==> flow/design.v <==
module u_subtractor_blk #(
  parameter W = 40
) (
  input  logic ck,
  input  logic [W-1:0] arg0,
  input  logic [W-1:0] arg1,
  input  logic mode,
  output logic [W:0] q
);
  always_ff @(posedge ck) begin
    q <= mode ? arg0 - arg1 : arg0 + arg1;
  end
endmodule
Step by step through the tools: u_subtractor_blk
The steps from the RTL of u_subtractor_blk to its reports follow in flow order.
Lines are those of the file above, counted from 1.
Library cell names are shortened.
Not given: --
- top module: u_subtractor_blk
- clock: ck
- library: sky130hd
- corner: tt_025C_1v80

After elaboration
Yosys after proc, flatten, opt, wreduce and memory -nomap, before mapping. Enables and synchronous resets that opt folds into registers are not counted as muxes. Memory bits, and registers merged into a memory's read port (data or address), are not among the register bits. Print and check cells are not counted. Equal cells are merged and count once.
- register bits after elaboration: 41
- input port bits: 82
- elaborated cells at 4
- add/subtract/negate cells: 2
- noted mux-type cells: 1
- operator list (kind ; count):
    40-bit by 40-bit adder with 41-bit output ; 1
    40-bit by 40-bit subtractor with 41-bit output ; 1
    41-bit two-way mux ; 1

Longest topological paths
Yosys ltp: most cells in a row. Word level: on the elaborated netlist, between registers, memories and ports. Mapped: between sequential cells and ports; inverters and the memories' decode and read muxes count.
- depth in word-level cells: 2
- ABC_AREA at 0
- depth in mapped cells at 16
- noted gate-level depth less buffers: 15

Netlist
Yosys stat after the flow's synthesis: flattened, memories mapped to cells. It holds for the ABC_AREA given above (unset counts as 0); a run with the other value may have another netlist.
- standard cells after synthesis: 534
- noted chip area (Yosys): 4036.4 um2
- noted mapped flip-flops: 41
- buffer cells: 20
- cells by type (cell type ; count):
    dfxtp_1 ; 41
    ha_1 ; 41
    xnor2_1 ; 58
    a21oi_1 ; 75
    nor2_1 ; 55
    nand2_1 ; 44
    xor2_1 ; 18
    o21ai_0 ; 24
    nand4_1 ; 16
    nor3_1 ; 17
    a21o_1 ; 9
    inv_1 ; 16
    o21a_1 ; 8
    nand3_1 ; 11
    clkbuf_1 ; 14
    a31oi_1 ; 8
    o41ai_2 ; 3
    and2_1 ; 6
Other cell types: 35; their cells: 70.

Timing after synthesis
Path of least setup slack by OpenSTA after synthesis, without wires, with an ideal clock, recovery checks aside; 20% of the period is set as input and as output delay. Where synthesis merged equal registers, the netlist keeps one of their names.
- kind: input-to-reg
- from: in arg1[4]
- to: reg q[38]
- clock period at 5.31 ns
- noted external input delay: 1.062 ns
- noted setup time: 0.116 ns
- time at the first pin: 1.062 ns
- arrival time at 4.345 ns
- required time: 5.194 ns
- noted slack: 0.849 ns
- noted path delay: 3.399 ns
- driving pins on the path: 16
- buffers on the path: 1
- synthesis period reached at 4.461 ns
"path delay" = arrival - input delay + setup time.
"driving pins on the path" counts driving pins, that of a launching flip-flop among them; a cell with two outputs on the path counts twice.
"synthesis period reached" = period - worst setup slack (recovery checks aside). The figure is calculated, with input and output delays left at 20% of the set period.
The rows between start and end are the longest chain of elaborated cells between them; the timing report does not say that the signal goes this way. Where chains are equally long, one stands for them.
A line is the first line of the expression or statement that the cell stems from. Yosys adds cells for indexed reads and writes and turns some case tables into memories.
- cells stage by stage: nor4_1 -> nand2_1 -> nor3_1 -> inv_1 -> nor2_1 -> a21oi_1 -> xnor2_1 -> ha_1 -> clkbuf_1 -> a21oi_1 -> o21ai_0 -> a32o_1 -> a211oi_1 -> nor4b_1 -> a311oi_1 -> o211a_1
- length of the longest elaborated chain at 2
- noted elaborated cells between the ends (all ways): 3
- RTL lines, path post-synthesis (what ; line ; source):
    from (decl) ; 6 ; input  logic [W-1:0] arg1,
    40-bit by 40-bit adder with 41-bit output ; 11 ; q <= mode ? arg0 - arg1 : arg0 + arg1;
    41-bit two-way mux ; 11 ;
    to (assign) ; 11 ;
    to (decl) ; 8 ; output logic [W:0] q

Path in the finished layout
Path of least setup slack in the final report of run A (OpenROAD, finished layout, wires in). Where an end is a register, its clock arrival counts in the times.
- kind: input-to-reg
- from: in arg1[22]
- to: reg q[38]
- clock period at 5.31 ns
- noted external input delay: 1.06 ns
- noted setup time: 0.04 ns
- time at the first pin: 1.06 ns
- arrival time at 5.25 ns
- required time: 5.57 ns
- noted slack: 0.32 ns
- driving pins on the path: 16
- buffers on the path: 2
The rows between start and end are the longest chain of elaborated cells between them; the timing report does not say that the signal goes this way. Where chains are equally long, one stands for them.
- cells stage by stage: clkdlybuf4s50_1 -> or4_1 -> or4_4 -> nor4_4 -> nand2b_2 -> nor3_4 -> a21oi_1 -> xnor2_1 -> ha_1 -> buf_4 -> nand2_1 -> nor2_1 -> nor4b_1 -> nor4b_1 -> a311oi_1 -> o211a_1
- length of the longest elaborated chain at 2
- noted elaborated cells between the ends (all ways): 3
- RTL lines, path after layout (what ; line ; source):
    from (decl) ; 6 ; input  logic [W-1:0] arg1,
    40-bit by 40-bit adder with 41-bit output ; 11 ; q <= mode ? arg0 - arg1 : arg0 + arg1;
    41-bit two-way mux ; 11 ;
    to (assign) ; 11 ;
    to (decl) ; 8 ; output logic [W:0] q

Hand-over note for u_subtractor_blk

Module u_subtractor_blk, platform sky130hd: 3 stored runs of the flow (Yosys, OpenROAD) with differing settings, in no particular order. Input and output delays are each 20% of the period that was set; the output load is 0.01 pF.
"clock period reached" means the clock period less the worst setup slack. The figure is calculated, with input and output delays left at 20% of the set period.
"critical path time" is the time allowed to the run's worst setup path (the clock period less input and output delay, where it has them) less its slack. Clock arrival times count: a late capture clock shortens it, a late launch clock lengthens it.
"total design power": no workload was simulated; the value follows from the tool's default switching activity.

Run A
Settings were period_ns = 5.31; CAP_MARGIN = 20; CORE_MARGIN = 2; CORE_UTILIZATION = 40; SLEW_MARGIN = 20
- total design power: 1.565 mW
- post-synthesis cell area at 4036.4 um2
- total negative slack: 0.000 ns
- die footprint: 10910.8 um2
- clock period reached at 4.985 ns
- noted the standard-cell area after layout: 5690.5 um2
- critical path time: 3.92 ns
- critical path type: input-to-reg
- worst hold slack: 1.413 ns
- utilization in the final report at 58.2%
- worst setup slack after layout at 0.325 ns

Run B
Settings were period_ns = 6.73; CORE_UTILIZATION = 38; PLACE_DENSITY_LB_ADDON = 0.23; CORE_ASPECT_RATIO = 0.77; CORE_MARGIN = 6; TNS_END_PERCENT = 35; ABC_AREA = 1; CTS_CLUSTER_SIZE = 42; CTS_CLUSTER_DIAMETER = 73; CAP_MARGIN = 20; SLEW_MARGIN = 20
- total design power: 1.272 mW
- critical path time: 3.47 ns
- critical path type: input-to-reg
- noted the standard-cell area after layout: 6934.1 um2
- clock period reached at 4.814 ns
- total negative slack: 0.000 ns
- post-synthesis cell area at 5365.1 um2
- worst setup slack after layout at 1.916 ns
- utilization in the final report at 51.1%
- die footprint: 17138.6 um2
- worst hold slack: 1.705 ns

Run C
Settings were period_ns = 4.93; CORE_UTILIZATION = 31; SETUP_SLACK_MARGIN = 0.9; PLACE_DENSITY_LB_ADDON = 0.3; CORE_MARGIN = 6; CELL_PAD_IN_SITES_GLOBAL_PLACEMENT = 1; CELL_PAD_IN_SITES_DETAIL_PLACEMENT = 2; GPL_TIMING_DRIVEN = 1; GPL_ROUTABILITY_DRIVEN = 0; CAP_MARGIN = 40; SLEW_MARGIN = 20
- stopped before the end: clock tree synthesis reported DPL-0033

End of note.
